==> flow/design.v <==
module add_rtl #(
    parameter integer DWIDTH = 16,
    parameter integer GROUP = 2
) (
    input wire aclk,
    input wire nrst,
    input wire clk_en,
    input wire [DWIDTH-1:0] dataa,
    input wire [DWIDTH-1:0] datab,
    input wire carry_in,
    output reg [DWIDTH-1:0] res,
    output reg carry_out
);
    localparam GROUPS = DWIDTH / GROUP;
    wire [DWIDTH-1:0] r;
    wire [GROUPS:0] c;
    assign c[0] = carry_in;
    genvar g;
    generate
        for (g = 0; g < GROUPS; g = g + 1) begin : row
            wire [GROUP:0] s0 = dataa[g*GROUP +: GROUP] + datab[g*GROUP +: GROUP];
            wire [GROUP:0] s1 = dataa[g*GROUP +: GROUP] + datab[g*GROUP +: GROUP] + 1'b1;
            assign {c[g+1], r[g*GROUP +: GROUP]} = c[g] ? s1 : s0;
        end
    endgenerate
    always @(posedge aclk or negedge nrst) begin
        if (~nrst) begin
            res <= 0;
            carry_out <= 1'b0;
        end else if (clk_en) begin
            res <= r;
            carry_out <= c[GROUPS];
        end
    end
endmodule
# Reports on add_rtl
# Tool output for the design above, in the order of the flow.
# Line numbers count from 1 in the design file above.
# Operators carry their Yosys type and port widths (W data, S select, Z words).
# Not given: --
dict set report setup {
  top_module {add_rtl}
  clock {aclk}
  cell_library {sky130hd}
  pvt_corner {tt_025C_1v80}
}

# Word level
# Yosys after proc, flatten, opt, wreduce and memory -nomap, before mapping. Enables and synchronous resets that opt folds into registers are not counted as muxes. Memory bits, and registers merged into a memory's read port (data or address), are not among the register bits. Print and check cells are not counted. Equal cells are merged and count once.
dict set report op_classes {
  n_mux 8
  addsub 16
}
# cell n
set ops {}
lappend ops {{$add A2 B2 Y3} 8}
lappend ops {{$add A3 B1 Y3 const B} 8}
lappend ops {{$mux W3} 8}
dict set report word_totals {
  register_bits 17
  out_inout_bits 17
}

# Longest topological paths
# Depth = most cells in a row (Yosys ltp): at word level without a register or memory, in the mapped netlist without a sequential cell, where the memories' decode and read muxes count.
dict set report logic_depth {
  depth_word 10
  ABC_AREA 0
  depth_mapped 12
  ltp_nobuf 12
}

# Mapped cells and area
# Yosys stat after the flow's synthesis: flattened, memories mapped to cells. It holds for the ABC_AREA given above (unset counts as 0); a run with the other value may have another netlist.
# type n type_area_um2
set types {}
lappend types {sky130_fd_sc_hd__dfrtp_1 17 425.408}
lappend types {sky130_fd_sc_hd__ha_1 16 200.192}
lappend types {sky130_fd_sc_hd__fa_1 8 160.154}
lappend types {sky130_fd_sc_hd__inv_1 29 108.854}
lappend types {sky130_fd_sc_hd__a21oi_1 18 90.086}
lappend types {sky130_fd_sc_hd__nor2_1 24 90.086}
lappend types {sky130_fd_sc_hd__xnor2_1 7 61.309}
lappend types {sky130_fd_sc_hd__mux2i_1 3 30.029}
lappend types {sky130_fd_sc_hd__a2111oi_4 1 27.526}
lappend types {sky130_fd_sc_hd__nand4b_1 3 26.275}
lappend types {sky130_fd_sc_hd__and4bb_1 2 25.024}
lappend types {sky130_fd_sc_hd__xnor3_1 1 22.522}
lappend types {sky130_fd_sc_hd__nor3_1 4 20.019}
lappend types {sky130_fd_sc_hd__nand4_1 3 18.768}
lappend types {sky130_fd_sc_hd__nor2b_1 3 18.768}
lappend types {sky130_fd_sc_hd__and3b_1 2 17.517}
lappend types {sky130_fd_sc_hd__a311oi_2 1 15.014}
lappend types {sky130_fd_sc_hd__nand2_1 4 15.014}
# Other cell types: 34; their cells: 43.
dict set report synth_totals {
  cell_count 189
  synth_area_um2 1686.6
  n_buf 7
  ff_cells 17
}

# Path before layout
# Path of least setup slack by OpenSTA after synthesis, without wires, with an ideal clock, recovery checks aside; 20% of the period is set as input and as output delay. Where synthesis merged equal registers, the netlist keeps one of their names.
dict set report synth_path {
  path_type {input -> register}
  from {in dataa[0]}
  to {reg res[12]}
  in_delay_ns 0.888
  t_first_pin_ns 0.888
  stages 12
  path_delay_ns 2.840
  path_slack_ns 0.712
  setup_time_ns 0.120
  tclk_ns 4.44
  required_ns 4.320
  n_path_buf 0
  arrival_ns 3.608
  synth_period_reached_ns 3.728
}
# "path_delay_ns" is the arrival time less input delay plus setup time.
# "stages" counts driving pins, that of a launching flip-flop among them; a cell with two outputs on the path counts twice.
# "synth_period_reached_ns" is the clock period less the worst setup slack; recovery checks do not enter. This is arithmetic on one report: input and output delays are still those of the set period (20% each).
# Between the ends stands the longest chain of elaborated cells between them, by number of cells; it is not shown to be the way that was timed. Of several equally long chains one is given.
# Each line given opens the expression or statement behind the cell; cells for indexed reads and writes are added by Yosys, which also makes memories of some case tables.
dict set report synth_via {
  cell_sequence {sky130_fd_sc_hd__ha_1 -> sky130_fd_sc_hd__inv_1 -> sky130_fd_sc_hd__fa_1 -> sky130_fd_sc_hd__inv_1 -> sky130_fd_sc_hd__ha_1 -> sky130_fd_sc_hd__a21bo_2 -> sky130_fd_sc_hd__a311oi_2 -> sky130_fd_sc_hd__nor4_2 -> sky130_fd_sc_hd__o41a_1 -> sky130_fd_sc_hd__o21a_1 -> sky130_fd_sc_hd__or3_1 -> sky130_fd_sc_hd__a31o_1}
  elab_chain_len 9
}
# item line
set synth_lines {}
lappend synth_lines {{from (decl)} 8} ;# input wire [DWIDTH-1:0] dataa,
lappend synth_lines {{$add A2 B2 Y3} 22} ;# wire [GROUP:0] s1 = dataa[g*GROUP +: GROUP] + datab[g*GROUP +: GROUP] + 1'b1;
lappend synth_lines {{$add A3 B1 Y3} 22}
lappend synth_lines {{$mux W3 x7} 23} ;# assign {c[g+1], r[g*GROUP +: GROUP]} = c[g] ? s1 : s0;
lappend synth_lines {{to (assign)} 28} ;# res <= 0;
lappend synth_lines {{to (assign)} 31} ;# res <= r;
lappend synth_lines {{to (decl)} 11} ;# output reg [DWIDTH-1:0] res,

# Path in the finished layout
# Path of least setup slack in the final report of stored run 1 (OpenROAD, finished layout, wires in). Where an end is a register, its clock arrival counts in the times.
dict set report layout_path {
  path_type {input -> register}
  from {in dataa[0]}
  to {reg res[12]}
  setup_time_ns 0.10
  stages 13
  required_ns 4.59
  path_slack_ns 0.29
  in_delay_ns 0.89
  t_first_pin_ns 0.89
  arrival_ns 4.29
  tclk_ns 4.44
  n_path_buf 1
}
# Between the ends stands the longest chain of elaborated cells between them, by number of cells; it is not shown to be the way that was timed. Of several equally long chains one is given.
dict set report layout_via {
  cell_sequence {sky130_fd_sc_hd__clkdlybuf4s50_1 -> sky130_fd_sc_hd__ha_1 -> sky130_fd_sc_hd__inv_1 -> sky130_fd_sc_hd__fa_1 -> sky130_fd_sc_hd__inv_1 -> sky130_fd_sc_hd__ha_1 -> sky130_fd_sc_hd__a21bo_2 -> sky130_fd_sc_hd__a311oi_2 -> sky130_fd_sc_hd__nor4_2 -> sky130_fd_sc_hd__o41a_1 -> sky130_fd_sc_hd__o21a_1 -> sky130_fd_sc_hd__or3_1 -> sky130_fd_sc_hd__a31o_1}
  elab_chain_len 9
}
# item line
set layout_lines {}
lappend layout_lines {{from (decl)} 8} ;# input wire [DWIDTH-1:0] dataa,
lappend layout_lines {{$add A2 B2 Y3} 22} ;# wire [GROUP:0] s1 = dataa[g*GROUP +: GROUP] + datab[g*GROUP +: GROUP] + 1'b1;
lappend layout_lines {{$add A3 B1 Y3} 22}
lappend layout_lines {{$mux W3 x7} 23} ;# assign {c[g+1], r[g*GROUP +: GROUP]} = c[g] ? s1 : s0;
lappend layout_lines {{to (assign)} 28} ;# res <= 0;
lappend layout_lines {{to (assign)} 31} ;# res <= r;
lappend layout_lines {{to (decl)} 11} ;# output reg [DWIDTH-1:0] res,

Memo
Re: implementation data of add_rtl

Below are 2 stored runs of the flow (Yosys, OpenROAD; platform sky130hd) on add_rtl, each with its settings and what was measured, unordered. Constraints: input delay and output delay 20% of the set period each, output load 0.01 pF.
"period_less_ws_ns" means the clock period less the worst setup slack. The figure is calculated, with input and output delays left at 20% of the set period.

# stored run 1
==> flow/run.sh <==
#!/bin/bash
# the make line also repeats the synthesis and layout settings of config.mk as NAME=value (left out here)
make -C /OpenROAD-flow-scripts/flow DESIGN_CONFIG=/design/flow/config.mk WORK_HOME=/design/flow/orfs CLKGATE_MAP_FILE= finish
==> flow/config.mk <==
export PLATFORM = sky130hd
export DESIGN_NAME = add_rtl
export DESIGN_NICKNAME = add_rtl
export VERILOG_FILES = /design/flow/design.v
export SDC_FILE = /design/flow/constraint.sdc
export NUM_CORES = 4
export LEC_CHECK = 0
export CAP_MARGIN = 20
export CORE_MARGIN = 2
export CORE_UTILIZATION = 40
export SLEW_MARGIN = 20
==> flow/constraint.sdc <==
create_clock -name core_clock -period 4.44 [get_ports {aclk}]
set_input_delay 0.8880 -clock core_clock [delete_from_list [all_inputs] [get_ports {aclk}]]
set_output_delay 0.8880 -clock core_clock [all_outputs]
set_load 0.01 [all_outputs]

==> stored run 1: results <==
synthesis_area_um2=1686.6
design_die_area_um2=4752.0
layout_stdcell_area_um2=2295.9
setup_ws_ns=0.292
total_negative_slack_ns=0.000
final_hold_ws_ns=0.520
period_less_ws_ns=4.148

# stored run 2
==> flow/run.sh <==
#!/bin/bash
# the make line also repeats the synthesis and layout settings of config.mk as NAME=value (left out here)
make -C /OpenROAD-flow-scripts/flow DESIGN_CONFIG=/design/flow/config.mk WORK_HOME=/design/flow/orfs CLKGATE_MAP_FILE= finish
==> flow/config.mk <==
export PLATFORM = sky130hd
export DESIGN_NAME = add_rtl
export DESIGN_NICKNAME = add_rtl
export VERILOG_FILES = /design/flow/design.v
export SDC_FILE = /design/flow/constraint.sdc
export NUM_CORES = 4
export LEC_CHECK = 0
export CAP_MARGIN = 20
export CELL_PAD_IN_SITES_GLOBAL_PLACEMENT = 3
export CORE_MARGIN = 2
export CORE_UTILIZATION = 48
export CTS_CLUSTER_SIZE = 66
export MAX_ROUTING_LAYER = met5
export MIN_ROUTING_LAYER = met1
export PLACE_DENSITY = 0.82
export SLEW_MARGIN = 25
==> flow/constraint.sdc <==
create_clock -name core_clock -period 2.73 [get_ports {aclk}]
set_input_delay 0.5460 -clock core_clock [delete_from_list [all_inputs] [get_ports {aclk}]]
set_output_delay 0.5460 -clock core_clock [all_outputs]
set_load 0.01 [all_outputs]

==> stored run 2: results <==
outcome="did not finish, placement stopped with GPL-0301"
